==> flow/design.v <==
module cmp_unit (clk, clk_en, in_da, in_db, out_below, out_equal, out_above);
  parameter integer WIDTH = 14;
  input clk;
  input clk_en;
  input [WIDTH-1:0] in_da;
  input [WIDTH-1:0] in_db;
  output reg out_below;
  output reg out_equal;
  output reg out_above;
  always @(posedge clk) begin
    if (clk_en) begin
      out_below <= (in_da < in_db);
    end
  end
  always @(posedge clk) begin
    if (clk_en) begin
      out_equal <= (in_da == in_db);
    end
  end
  always @(posedge clk) begin
    if (clk_en) begin
      out_above <= (in_da > in_db);
    end
  end
endmodule
# [From RTL to reports: cmp_unit]
# Tool output for the members of one design family, told apart by "WIDTH", in the order of the flow.
# The RTL above is that of WIDTH=14; lines are counted from 1 in the file of the member named.
# Cell names lack the library's common part.
# The mark -- stands for no value.
[inputs] top="cmp_unit" clk_port="clk" cell_library="sky130hd" pvt_corner="tt_025C_1v80"

# [Source of the members]
# New or changed lines of each further member against the RTL above, in its own file; lines it lacks are not shown.
[src_changes] WIDTH=28 line_no=2 source="parameter integer WIDTH = 28;"
[src_changes] WIDTH=40 line_no=2 source="parameter integer WIDTH = 40;"
[src_changes] WIDTH=64 line_no=2 source="parameter integer WIDTH = 64;"

# [Word-level counts]
# Counts by Yosys on the flattened word-level netlist (proc, flatten, opt, wreduce; memories kept). Register bits leave out memories and registers merged into their read ports (data or address); mux counts leave out enables and synchronous resets folded into registers. Print and check cells are left out. Cells with the same type and inputs are merged into one.
[op_classes] WIDTH=14 eq_ne=1 cmp=2
[op_classes] WIDTH=28 eq_ne=1 cmp=2
[op_classes] WIDTH=40 eq_ne=1 cmp=2
[op_classes] WIDTH=64 eq_ne=1 cmp=2
[op_table] WIDTH=14 operators="14-bit greater-than comparator: 1; 14-bit less-than comparator: 1; 14-bit equality test: 1"
[op_table] WIDTH=28 operators="28-bit greater-than comparator: 1; 28-bit less-than comparator: 1; 28-bit equality test: 1"
[op_table] WIDTH=40 operators="40-bit greater-than comparator: 1; 40-bit less-than comparator: 1; 40-bit equality test: 1"
[op_table] WIDTH=64 operators="64-bit greater-than comparator: 1; 64-bit less-than comparator: 1; 64-bit equality test: 1"
[bits] WIDTH=14 regBits=3 input_bits=30 output_inout_bits=3 wordCells=6
[bits] WIDTH=28 regBits=3 input_bits=58 output_inout_bits=3 wordCells=6
[bits] WIDTH=40 regBits=3 input_bits=82 output_inout_bits=3 wordCells=6
[bits] WIDTH=64 regBits=3 input_bits=130 output_inout_bits=3 wordCells=6

# [Longest topological paths]
# Depth = most cells in a row (Yosys ltp): at word level without a register or memory, in the mapped netlist without a sequential cell, where the memories' decode and read muxes count.
[depth] WIDTH=14 ltp_word=1 ABC_AREA=0 depth_mapped=6 mapped_depth_nobuf=6
[depth] WIDTH=28 ltp_word=1 ABC_AREA=0 depth_mapped=7 mapped_depth_nobuf=7
[depth] WIDTH=40 ltp_word=1 ABC_AREA=0 depth_mapped=8 mapped_depth_nobuf=8
[depth] WIDTH=64 ltp_word=1 ABC_AREA=0 depth_mapped=8 mapped_depth_nobuf=8

# [After synthesis]
# The flow's flattened synthesis, as Yosys stat reports it; memories are mapped. The netlist is that of the ABC_AREA named above (0 if unset); the other value can give another one.
# The area totals of this step are shown rounded.
[types] WIDTH=14 cell_types="ha_1: 14; edfxtp_1: 3; inv_1: 14; a21oi_1: 6; nand4_1: 3; nand2_1: 3; o221a_2: 1; a311o_1: 1; a21o_1: 1; o21a_1: 1; o21bai_1: 1; and2_1: 1; nor2b_1: 1; nor4_1: 1; nand3_1: 1"
[types] WIDTH=28 cell_types="ha_1: 28; inv_1: 28; edfxtp_1: 3; a21oi_1: 9; nand4_1: 4; nand3_1: 4; and4_1: 2; a21o_1: 2; a221oi_2: 1; nand2_1: 4; and2_1: 2; and4_4: 1; a221o_1: 1; a221oi_1: 1; o41ai_1: 1; a211oi_1: 1; a21boi_0: 1; o211ai_1: 1; [+6]"
[types] WIDTH=40 cell_types="ha_1: 40; inv_1: 41; edfxtp_1: 3; a21oi_1: 15; nand2_1: 15; nand4_2: 3; a221oi_1: 3; nor2_1: 6; nor4_4: 1; nand3_1: 4; nand4_1: 3; a211oi_1: 2; o211ai_1: 2; o21ai_0: 3; nor4_2: 1; a211o_1: 1; and4_1: 1; and2_2: 1; [+3]"
[types] WIDTH=64 cell_types="ha_1: 64; inv_1: 66; a21oi_1: 25; edfxtp_1: 3; nand4_1: 14; nand2_1: 19; o21ai_0: 6; a221oi_1: 3; nand3_1: 5; nor2_1: 6; nor4_4: 1; nor3_1: 4; a21o_1: 2; a221oi_2: 1; o211ai_1: 2; o21ai_1: 3; a31oi_2: 1; nand4_2: 1; [+12]"
# A list marked [+n] leaves out that many cells.
[synth_totals] WIDTH=14 seqArea_um2=90 ffs=3 mapped_area_um2=450 cells=52 n_buf=0
[synth_totals] WIDTH=28 seqArea_um2=90 ffs=3 mapped_area_um2=810 cells=100 n_buf=0
[synth_totals] WIDTH=40 seqArea_um2=90 ffs=3 mapped_area_um2=1100 cells=148 n_buf=0
[synth_totals] WIDTH=64 seqArea_um2=90 ffs=3 mapped_area_um2=1800 cells=238 n_buf=0

# [Path before layout]
# Source: OpenSTA report_checks on the synthesized netlist (no wires, ideal clock, input and output delay 20% of the period each), path of least setup slack; recovery checks are left aside. Register names are those of the netlist, which keeps one name where synthesis merged equal registers.
[synth_timing] WIDTH=14 path_kind="in2reg" from="input in_db[5]" to="register out_below" delay_ns=1.208 clock_period_ns=1.89 path_stages=6 slack_ns=0.304 synth_period_reached_ns=1.586
[synth_timing] WIDTH=28 path_kind="in2reg" from="input in_db[21]" to="register out_above" delay_ns=1.490 clock_period_ns=2.33 path_stages=7 slack_ns=0.374 synth_period_reached_ns=1.956
[synth_timing] WIDTH=40 path_kind="in2reg" from="input in_db[38]" to="register out_above" delay_ns=1.654 clock_period_ns=2.58 path_stages=8 slack_ns=0.410 synth_period_reached_ns=2.17
[synth_timing] WIDTH=64 path_kind="in2reg" from="input in_db[45]" to="register out_above" delay_ns=1.603 clock_period_ns=2.5 path_stages=8 slack_ns=0.397 synth_period_reached_ns=2.103
# "delay_ns" is the arrival time less input delay plus setup time.
# "path_stages" counts driving pins, that of a launching flip-flop among them; a cell with two outputs on the path counts twice.
# "synth_period_reached_ns" = period - worst setup slack (recovery checks aside). The figure is calculated, with input and output delays left at 20% of the set period.
# Between the ends stands the longest chain of elaborated cells between them, by number of cells; it is not shown to be the way that was timed. Of several equally long chains one is given.
# Each line given opens the expression or statement behind the cell; cells for indexed reads and writes are added by Yosys, which also makes memories of some case tables.
[synth_via_WIDTH_14] elab_chain_cells=1
[synth_lines_WIDTH_14] item="start, declared" line_no=6 source="input [WIDTH-1:0] in_db;"
[synth_lines_WIDTH_14] item="14-bit less-than comparator" line_no=12 source="out_below <= (in_da < in_db);"
[synth_lines_WIDTH_14] item="end, assigned" line_no=12
[synth_lines_WIDTH_14] item="end, declared" line_no=7 source="output reg out_below;"
[synth_via_WIDTH_64] elab_chain_cells=1
[synth_lines_WIDTH_64] item="start, declared" line_no=6 source="input [WIDTH-1:0] in_db;"
[synth_lines_WIDTH_64] item="64-bit greater-than comparator" line_no=22 source="out_above <= (in_da > in_db);"
[synth_lines_WIDTH_64] item="end, assigned" line_no=22
[synth_lines_WIDTH_64] item="end, declared" line_no=9 source="output reg out_above;"

# [Path in the finished layout]
# From the final timing report of the run of each member: the path of least setup slack in the routed layout; clock arrival at registers is part of the times.
[layout_timing] WIDTH=14 path_kind="in2reg" from="input in_db[9]" to="register out_below" arrival_ns=1.91 slack_ns=-0.02 clock_period_ns=1.89 path_buffers=1 path_stages=7
[layout_timing] WIDTH=28 path_kind="in2reg" from="input in_db[23]" to="register out_above" arrival_ns=2.24 slack_ns=0.07 clock_period_ns=2.33 path_buffers=1 path_stages=8
[layout_timing] WIDTH=40 path_kind="in2reg" from="input in_db[29]" to="register out_above" arrival_ns=2.42 slack_ns=0.14 clock_period_ns=2.58 path_buffers=1 path_stages=9
[layout_timing] WIDTH=64 path_kind="in2reg" from="input in_db[59]" to="register out_below" arrival_ns=2.35 slack_ns=0.11 clock_period_ns=2.5 path_buffers=2 path_stages=9

# [Layout results]
# One run of the flow (Yosys, OpenROAD) for each member, with settings and measured results. Input and output delays are each 20% of the period that was set; the output load is 0.01 pF.
[settings] CAP_MARGIN=20 CORE_MARGIN=2 CORE_UTILIZATION=40 SLEW_MARGIN=20
[settings_diff] WIDTH=14 period_ns=1.89
[settings_diff] WIDTH=28 period_ns=2.33
[settings_diff] WIDTH=40 period_ns=2.58
[settings_diff] WIDTH=64 period_ns=2.5
[results] WIDTH=14 final_die_area_um2=1400 setup_worst_slack_ns=-0.024 yosys_chip_area_um2=450 final_cell_area_um2=960 hold_worst_slack_ns=0.81
[results] WIDTH=28 final_die_area_um2=2400 setup_worst_slack_ns=0.067 yosys_chip_area_um2=810 final_cell_area_um2=1500 hold_worst_slack_ns=0.93
[results] WIDTH=40 final_die_area_um2=3200 setup_worst_slack_ns=0.14 yosys_chip_area_um2=1100 final_cell_area_um2=2200 hold_worst_slack_ns=0.95
[results] WIDTH=64 final_die_area_um2=4900 setup_worst_slack_ns=0.11 yosys_chip_area_um2=1800 final_cell_area_um2=3400 hold_worst_slack_ns=0.95
# The measured numbers are rounded.
